==> flow/design.v <==
module ex_aligner (clk_i, clr, src, sh, dout);
    parameter DWIDTH = 10;
    localparam SBITS = $clog2(DWIDTH);
    input clk_i;
    input clr;
    input [DWIDTH-1:0] src;
    input [SBITS-1:0] sh;
    output [DWIDTH-1:0] dout;
    reg [DWIDTH-1:0] r_src;
    reg [SBITS-1:0] r_sh;
    always @(posedge clk_i or posedge clr) begin
        if (clr) begin
            r_src <= 0;
            r_sh <= 0;
        end else begin
            r_src <= src;
            r_sh <= sh;
        end
    end
    assign dout = r_src << r_sh;
endmodule
## From RTL to reports: ex_aligner

What the tools print for ex_aligner, step after step.
Line numbers count from 1 in the design file above.
Operators: Yosys type, input widths -> output width; for muxes data width and select width s.
Cell names lack the library's common part.
Not given: n/a

| design | value |
|---|---|
| design top | ex_aligner |
| clock port | clk_i |
| library | sky130hd |
| corner | tt_025C_1v80 |

## Word-level counts

Counts by Yosys on the flattened word-level netlist (proc, flatten, opt, wreduce; memories kept). Register bits leave out memories and registers merged into their read ports (data or address); mux counts leave out enables and synchronous resets folded into registers. Print and check cells are left out. Cells with the same type and inputs are merged into one.

| cells by class | value |
|---|---|
| shifts and indexed selects | 1 |

Operators with widths:

| cell | count |
|---|---|
| $shl 10x4->10 | 1 |

| storage and ports | value |
|---|---|
| register bits after elaboration | 14 |
| output and inout port bits | 10 |
| word-level cells | 3 |

## Longest topological paths

Depth = most cells in a row (Yosys ltp): at word level without a register or memory, in the mapped netlist without a sequential cell, where the memories' decode and read muxes count.

| logic depth | value |
|---|---|
| depth in word-level cells | 1 |
| ABC_AREA | 0 |
| depth in mapped cells | 6 |
| mapped depth without buffers | 4 |

## Synthesis result

Yosys stat after the flow's synthesis: flattened, memories mapped to cells. It holds for the ABC_AREA given above (unset counts as 0); a run with the other value may have another netlist.

| synthesis totals | value |
|---|---|
| cells in the netlist | 67 |
| chip area (Yosys) | 0.000742 mm^2 |
| flip-flops | 14 |
| buffers | 6 |

Cell types:

| cell type | count | total area (um^2) |
|---|---|---|
| dfrtp_1 | 14 | 350.336 |
| mux2i_1 | 9 | 90.086 |
| mux4_2 | 2 | 45.043 |
| a21oi_1 | 5 | 25.024 |
| nand2b_1 | 3 | 18.768 |
| a211o_1 | 2 | 17.517 |
| a211oi_1 | 2 | 15.014 |
| buf_8 | 1 | 15.014 |
| nand2_1 | 4 | 15.014 |
| and2_1 | 2 | 12.512 |
| nor2b_1 | 2 | 12.512 |
| nor4_1 | 2 | 12.512 |
| buf_6 | 1 | 11.261 |
| mux2_1 | 1 | 11.261 |
| nor2_1 | 3 | 11.261 |
| a2111oi_1 | 1 | 10.01 |
| buf_2 | 2 | 10.01 |
| nor3_1 | 2 | 10.01 |

Not listed: further types 7, cells in them 9.

## Path before layout

Source: OpenSTA report_checks on the synthesized netlist (no wires, ideal clock, input and output delay 20% of the period each), path of least setup slack; recovery checks are left aside. Register names are those of the netlist, which keeps one name where synthesis merged equal registers.

| timing post-synthesis | value |
|---|---|
| path kind | reg2out |
| start | register r_sh[0] |
| end | output port dout[3] |
| clock period | 2.29 ns |
| time at the first pin | 0.000 ns |
| data arrival time | 1.468 ns |
| data required time | 1.832 ns |
| slack | 0.364 ns |
| path delay | 1.468 ns |
| stages | 6 |
| path buffers | 2 |
| synthesis period reached | 1.926 ns |

"path delay" = arrival - input delay + setup time.
At an output port there is no setup time.
"stages" counts driving pins, that of a launching flip-flop among them; a cell with two outputs on the path counts twice.
"synthesis period reached" is the clock period less the worst setup slack; recovery checks do not enter. This is arithmetic on one report: input and output delays are still those of the set period (20% each).
The rows between start and end are the longest chain of elaborated cells between them; the timing report does not say that the signal goes this way. Where chains are equally long, one stands for them.
A line is the first line of the expression or statement that the cell stems from. Yosys adds cells for indexed reads and writes and turns some case tables into memories.

| between the ends, post-synthesis | value |
|---|---|
| cells stage by stage | dfrtp_1 -> buf_6 -> buf_8 -> mux2i_1 -> and2_1 -> a2111oi_1 |
| length of the longest elaborated chain | 1 |
| elaborated cells between the ends (all ways) | 1 |
| RTL lines with such cells | 1 |

RTL lines, path post-synthesis:

| item | RTL line | source |
|---|---|---|
| start, declared | 10 | `reg [SBITS-1:0] r_sh;` |
| start, assigned | 14 | `r_sh <= 0;` |
| start, assigned | 17 | `r_sh <= sh;` |
| $shl 10x4->10 | 20 | `assign dout = r_src << r_sh;` |
| end, declared | 8 | `output [DWIDTH-1:0] dout;` |

## Timing after layout

From the final timing report of flow run B: the path of least setup slack in the routed layout; clock arrival at registers is part of the times.

| timing post-layout | value |
|---|---|
| path kind | reg2out |
| start | register r_sh[0] |
| end | output port dout[2] |
| clock period | 2.29 ns |
| time at the first pin | 0.26 ns |
| data arrival time | 1.81 ns |
| data required time | 1.83 ns |
| slack | 0.02 ns |
| stages | 6 |
| path buffers | 2 |

The rows between start and end are the longest chain of elaborated cells between them; the timing report does not say that the signal goes this way. Where chains are equally long, one stands for them.

| between the ends, post-layout | value |
|---|---|
| cells stage by stage | dfrtp_1 -> buf_12 -> nand2b_1 -> and2_1 -> a2111oi_2 -> dlygate4sd2_1 |
| length of the longest elaborated chain | 1 |
| elaborated cells between the ends (all ways) | 1 |
| RTL lines with such cells | 1 |

RTL lines, path post-layout:

| item | RTL line | source |
|---|---|---|
| start, declared | 10 | `reg [SBITS-1:0] r_sh;` |
| start, assigned | 14 | `r_sh <= 0;` |
| start, assigned | 17 | `r_sh <= sh;` |
| $shl 10x4->10 | 20 | `assign dout = r_src << r_sh;` |
| end, declared | 8 | `output [DWIDTH-1:0] dout;` |

Wiki page: ex_aligner / flow data

3 stored runs of ex_aligner in the flow (synthesis by Yosys, layout by OpenROAD, sky130hd cells), in arbitrary order. Constraints: input delay and output delay 20% of the set period each, output load 0.01 pF.
By "period achieved" is meant the clock period of the run minus its worst setup slack. This is arithmetic on one report: input and output delays are still those of the set period (20% each).
"power consumption" is the tool's figure for a default switching activity; nothing was simulated.
A setting shown as n/a is not set for that run.
Among the results, n/a means that no value is shown for the run.

| run | period_ns | CORE_UTILIZATION | PLACE_DENSITY_LB_ADDON | CORE_MARGIN | CELL_PAD_IN_SITES_DETAIL_PLACEMENT | ABC_AREA | GPL_ROUTABILITY_DRIVEN | CAP_MARGIN | MIN_ROUTING_LAYER | MAX_ROUTING_LAYER | SLEW_MARGIN | SETUP_SLACK_MARGIN | PLACE_DENSITY | TNS_END_PERCENT | GPL_TIMING_DRIVEN | chip area after synthesis (Yosys) (mm^2) | area of the die (mm^2) | utilization after layout (%) | lowest setup slack (ns) | setup TNS (ns) | power consumption (uW) | period achieved (ns) |
|---|---|---|---|---|---|---|---|---|---|---|---|---|---|---|---|---|---|---|---|---|---|---|
| flow run A | 1.75 | 54 | 0.11 | 9 | 0 | 1 | 1 | 25 | met2 | met4 | 20 | n/a | n/a | n/a | n/a | n/a | n/a | n/a | n/a | n/a | n/a | n/a |
| flow run B | 2.29 | 40 | n/a | 2 | n/a | n/a | n/a | 20 | n/a | n/a | 20 | n/a | n/a | n/a | n/a | 0.000742 | 0.0022156 | 62.8 | 0.023 | 0.000 | 525.7 | 2.267 |
| flow run C | 3.26 | 33 | n/a | 2 | n/a | n/a | 0 | 40 | n/a | n/a | 20 | 0.49 | 0.61 | 5 | 1 | 0.000742 | 0.0026435 | 48.7 | 0.503 | 0.000 | 365.8 | 2.757 |

Flow run A: not finished: routing ended with error DPL-0038
